==> flow/design.v <==
module dp_sum_block_p #(
    parameter int DATA_W = 96
) (
    input logic i_clk,
    input logic ce,
    input logic [DATA_W-1:0] opa,
    input logic [DATA_W-1:0] opb,
    output logic [DATA_W-1:0] res
);
    logic [DATA_W-1:0] opa_r;
    logic [DATA_W-1:0] opb_r;
    always_ff @(posedge i_clk) begin
        if (ce) begin
            opa_r <= opa;
            opb_r <= opb;
        end
    end
    logic [DATA_W:0] t;
    assign t = opa_r + opb_r;
    logic [DATA_W-1:0] res_r;
    always_ff @(posedge i_clk) begin
        if (ce) begin
            res_r <= t[DATA_W] ? {DATA_W{1'b1}} : t[DATA_W-1:0];
        end
    end
    assign res = res_r;
endmodule
Reports on dp_sum_block_p. Tool output for the design above, in the order of the flow. Line numbers count from 1 in the design file above. Library cell names are shortened. Not given: n/a

Top: dp_sum_block_p. Clock port: i_clk. Standard-cell library: sky130hd. Library corner: tt_025C_1v80.

After elaboration. Yosys after proc, flatten, opt, wreduce and memory -nomap, before mapping. Enables and synchronous resets that opt folds into registers are not counted as muxes. Memory bits, and registers merged into a memory's read port (data or address), are not among the register bits. Print and check cells are not counted. Equal cells are merged and count once.

The entry for flip-flop bits (word level) reads 288. Input port bits: 194. The entry for cells after elaboration reads 4.

The figure for add/sub/neg operators is 1.

Operator list (number): adder 96 x 96 -> 97 bit (1).

Longest topological paths. Depth = most cells in a row (Yosys ltp): at word level without a register or memory, in the mapped netlist without a sequential cell, where the memories' decode and read muxes count.

The entry for depth in word-level cells reads 1. The figure for ABC_AREA is 0. Under mapped depth stands 13. The figure for depth with buffers taken out is 12.

Mapped cells and area. Source: synth_stat.txt of the flow (Yosys; design flattened, memories mapped). It holds for the ABC_AREA given above (unset counts as 0); a run with the other value may have another netlist.

Cells by type: edfxtp_1 (number 288, total area 8.65E+03 um2); ha_1 (number 96, total area 1.2E+03 um2); nand2_1 (number 185, total area 694.416 um2); a21oi_1 (number 126, total area 630.605 um2); o21ai_0 (number 76, total area 380.365 um2); nor2_1 (number 91, total area 341.578 um2); xnor2_1 (number 37, total area 324.061 um2); a21o_1 (number 41, total area 307.795 um2); xor2_1 (number 32, total area 280.269 um2); nand4_1 (number 33, total area 206.448 um2); o21bai_1 (number 21, total area 157.651 um2); nor3_1 (number 27, total area 135.13 um2); inv_1 (number 34, total area 127.622 um2); a211oi_1 (number 14, total area 105.101 um2); clkbuf_1 (number 27, total area 101.347 um2); buf_6 (number 8, total area 90.086 um2); nand3_1 (number 18, total area 90.086 um2); and3_1 (number 12, total area 75.072 um2).

Not listed: further types 59, cells in them 186.

The figure for mapped cells is 1352. Mapped area: 15411.0 um2. For area of sequential cells the number is 8648.3 um2. Under mapped flip-flops stands 288.

Timing after synthesis. OpenSTA on the mapped netlist: ideal clock, no wires. The path of least setup slack (recovery checks aside). Input and output delay are each 20% of the period. Register names are those of the netlist, which keeps one name where synthesis merged equal registers.

Path type: register -> register. Start: register opa_r[0]. End: register res_r[56]. Under clock period stands 3.93 ns. The figure for arrival is 2.887 ns. The figure for setup slack is 0.788 ns. The figure for path delay is 3.142 ns. The entry for driving pins on the path reads 14. Under path buffers stands 2. Under synthesis period reached stands 3.142 ns.

"path delay" is the arrival time less input delay plus setup time. "driving pins on the path": output pins that drive a net of the path, with the launching flip-flop's if there is one; two outputs of one cell count as two. "synthesis period reached" is the clock period less the worst setup slack; recovery checks do not enter. This is arithmetic on one report: input and output delays are still those of the set period (20% each). Between the ends stands the longest chain of elaborated cells between them, by number of cells; it is not shown to be the way that was timed. Of several equally long chains one is given. A line is the first line of the expression or statement that the cell stems from. Yosys adds cells for indexed reads and writes and turns some case tables into memories.

Cells stage by stage: edfxtp_1 -> ha_1 -> fa_1 -> a211oi_1 -> nor2_1 -> o21ai_1 -> a31o_1 -> a211oi_2 -> o2111ai_1 -> o211a_4 -> o21a_4 -> buf_6 -> buf_4 -> nand2_1. For length of the longest elaborated chain the number is 1. Under elaborated cells on any way between the ends stands 1. Those cells by class: 1 x add/sub.

Ends and longest elaborated chain, post-synthesis: from (decl) (line 10) `logic [DATA_W-1:0] opa_r;`; from (assign) (line 14) `opa_r <= opa;`; adder 96 x 96 -> 97 bit (line 19) `assign t = opa_r + opb_r;`; to (assign) (line 23) `res_r <= t[DATA_W] ? {DATA_W{1'b1}} : t[DATA_W-1:0];`; to (decl) (line 20) `logic [DATA_W-1:0] res_r;`.

Timing after layout. From the final timing report of flow run A: the path of least setup slack in the routed layout; clock arrival at registers is part of the times.

Path type: register -> register. Start: register opa_r[31]. End: register res_r[94]. Under clock period stands 3.93 ns. The figure for arrival is 4.03 ns. The figure for setup slack is 0.23 ns. The entry for driving pins on the path reads 12. Under path buffers stands 0.

Between the ends stands the longest chain of elaborated cells between them, by number of cells; it is not shown to be the way that was timed. Of several equally long chains one is given.

Cells stage by stage: edfxtp_1 -> ha_1 -> nand4_1 -> nor4_1 -> nand2_1 -> a211oi_2 -> o21ai_1 -> nand2_1 -> a41oi_1 -> a21boi_2 -> a211oi_1 -> mux2i_1. For length of the longest elaborated chain the number is 1. Under elaborated cells on any way between the ends stands 1. Those cells by class: 1 x add/sub.

Ends and longest elaborated chain, post-layout: from (decl) (line 10) `logic [DATA_W-1:0] opa_r;`; from (assign) (line 14) `opa_r <= opa;`; adder 96 x 96 -> 97 bit (line 19) `assign t = opa_r + opb_r;`; to (assign) (line 23) `res_r <= t[DATA_W] ? {DATA_W{1'b1}} : t[DATA_W-1:0];`; to (decl) (line 20) `logic [DATA_W-1:0] res_r;`.

Data sheet: physical implementation of dp_sum_block_p

dp_sum_block_p through Yosys and OpenROAD on sky130hd: 3 stored runs, unordered, with their settings and measured results. The constraints put input and output delay at 20% of the set period each and load the outputs with 0.01 pF. "period achieved" is the run's clock period less its worst setup slack. It is reckoned from that one timing run; input and output delays stay at 20% of the period that was set. "worst setup path time" is the time allowed to the run's worst setup path (the clock period less input and output delay, where it has them) less its slack. Clock arrival times count: a late capture clock shortens it, a late launch clock lengthens it. "total power of the final layout" is the tool's figure for a default switching activity; nothing was simulated.

Files of flow run A:
==> flow/run.sh <==
#!/bin/bash
# the make line also repeats the synthesis and layout settings of config.mk as NAME=value (left out here)
make -C /OpenROAD-flow-scripts/flow DESIGN_CONFIG=/design/flow/config.mk WORK_HOME=/design/flow/orfs CLKGATE_MAP_FILE= finish
==> flow/config.mk <==
export PLATFORM = sky130hd
export DESIGN_NAME = dp_sum_block_p
export DESIGN_NICKNAME = dp_sum_block_p
export VERILOG_FILES = /design/flow/design.v
export SDC_FILE = /design/flow/constraint.sdc
export NUM_CORES = 4
export LEC_CHECK = 0
export CAP_MARGIN = 20
export CORE_MARGIN = 2
export CORE_UTILIZATION = 40
export SLEW_MARGIN = 20
==> flow/constraint.sdc <==
create_clock -name core_clock -period 3.93 [get_ports {i_clk}]
set_input_delay 0.7860 -clock core_clock [delete_from_list [all_inputs] [get_ports {i_clk}]]
set_output_delay 0.7860 -clock core_clock [all_outputs]
set_load 0.01 [all_outputs]

Results of flow run A. The measured post-route setup TNS is 0.000 ns. The measured post-route utilization is 0.524. The mapped cell area after synthesis stands at 15,411.0 um2. The worst setup path time stands at 3.70 ns. Critical path type: register -> register. For the total power of the final layout the run shows 9.280 mW. The die outline area is 40,114.1 um2. The lowest hold slack comes to 0.632 ns. The setup slack of the worst path comes to 0.226 ns. The measured period achieved is 3.704 ns. For the standard-cell area after layout the run shows 19,822.8 um2.

Files of flow run B:
==> flow/run.sh <==
#!/bin/bash
# the make line also repeats the synthesis and layout settings of config.mk as NAME=value (left out here)
make -C /OpenROAD-flow-scripts/flow DESIGN_CONFIG=/design/flow/config.mk WORK_HOME=/design/flow/orfs CLKGATE_MAP_FILE= finish
==> flow/config.mk <==
export PLATFORM = sky130hd
export DESIGN_NAME = dp_sum_block_p
export DESIGN_NICKNAME = dp_sum_block_p
export VERILOG_FILES = /design/flow/design.v
export SDC_FILE = /design/flow/constraint.sdc
export NUM_CORES = 4
export LEC_CHECK = 0
export CAP_MARGIN = 20
export CELL_PAD_IN_SITES_GLOBAL_PLACEMENT = 0
export CORE_ASPECT_RATIO = 1.54
export CORE_MARGIN = 2
export CORE_UTILIZATION = 34
export CTS_CLUSTER_DIAMETER = 191
export CTS_CLUSTER_SIZE = 85
export GPL_TIMING_DRIVEN = 1
export HOLD_SLACK_MARGIN = 0.11
export PLACE_DENSITY_LB_ADDON = 0.08
export SETUP_SLACK_MARGIN = 1.15
export SLEW_MARGIN = 20
export TNS_END_PERCENT = 35
==> flow/constraint.sdc <==
create_clock -name core_clock -period 3.95 [get_ports {i_clk}]
set_input_delay 0.7900 -clock core_clock [delete_from_list [all_inputs] [get_ports {i_clk}]]
set_output_delay 0.7900 -clock core_clock [all_outputs]
set_load 0.01 [all_outputs]

Results of flow run B. The measured post-route setup TNS is 0.000 ns. The measured post-route utilization is 0.458. The mapped cell area after synthesis stands at 15,411.0 um2. The worst setup path time stands at 3.33 ns. Critical path type: register -> register. For the total power of the final layout the run shows 8.160 mW. The die outline area is 47,085.2 um2. The lowest hold slack comes to 0.659 ns. The setup slack of the worst path comes to 0.619 ns. The measured period achieved is 3.331 ns. For the standard-cell area after layout the run shows 20,465.9 um2.

Files of flow run C:
==> flow/run.sh <==
#!/bin/bash
# the make line also repeats the synthesis and layout settings of config.mk as NAME=value (left out here)
make -C /OpenROAD-flow-scripts/flow DESIGN_CONFIG=/design/flow/config.mk WORK_HOME=/design/flow/orfs CLKGATE_MAP_FILE= finish
==> flow/config.mk <==
export PLATFORM = sky130hd
export DESIGN_NAME = dp_sum_block_p
export DESIGN_NICKNAME = dp_sum_block_p
export VERILOG_FILES = /design/flow/design.v
export SDC_FILE = /design/flow/constraint.sdc
export NUM_CORES = 4
export LEC_CHECK = 0
export ABC_AREA = 1
export CAP_MARGIN = 0
export CORE_MARGIN = 8
export CORE_UTILIZATION = 25
export PLACE_DENSITY_LB_ADDON = 0.27
export SETUP_SLACK_MARGIN = 0.41
export SLEW_MARGIN = 20
export TNS_END_PERCENT = 100
==> flow/constraint.sdc <==
create_clock -name core_clock -period 3.77 [get_ports {i_clk}]
set_input_delay 0.7540 -clock core_clock [delete_from_list [all_inputs] [get_ports {i_clk}]]
set_output_delay 0.7540 -clock core_clock [all_outputs]
set_load 0.01 [all_outputs]

Results of flow run C. The measured post-route setup TNS is 0.000 ns. The measured post-route utilization is 0.322. The mapped cell area after synthesis stands at 19,074.5 um2. The worst setup path time stands at 3.15 ns. Critical path type: register -> register. For the total power of the final layout the run shows 11.013 mW. The die outline area is 85,392.5 um2. The lowest hold slack comes to 0.662 ns. The setup slack of the worst path comes to 0.620 ns. The measured period achieved is 3.150 ns. For the standard-cell area after layout the run shows 24,390.9 um2.
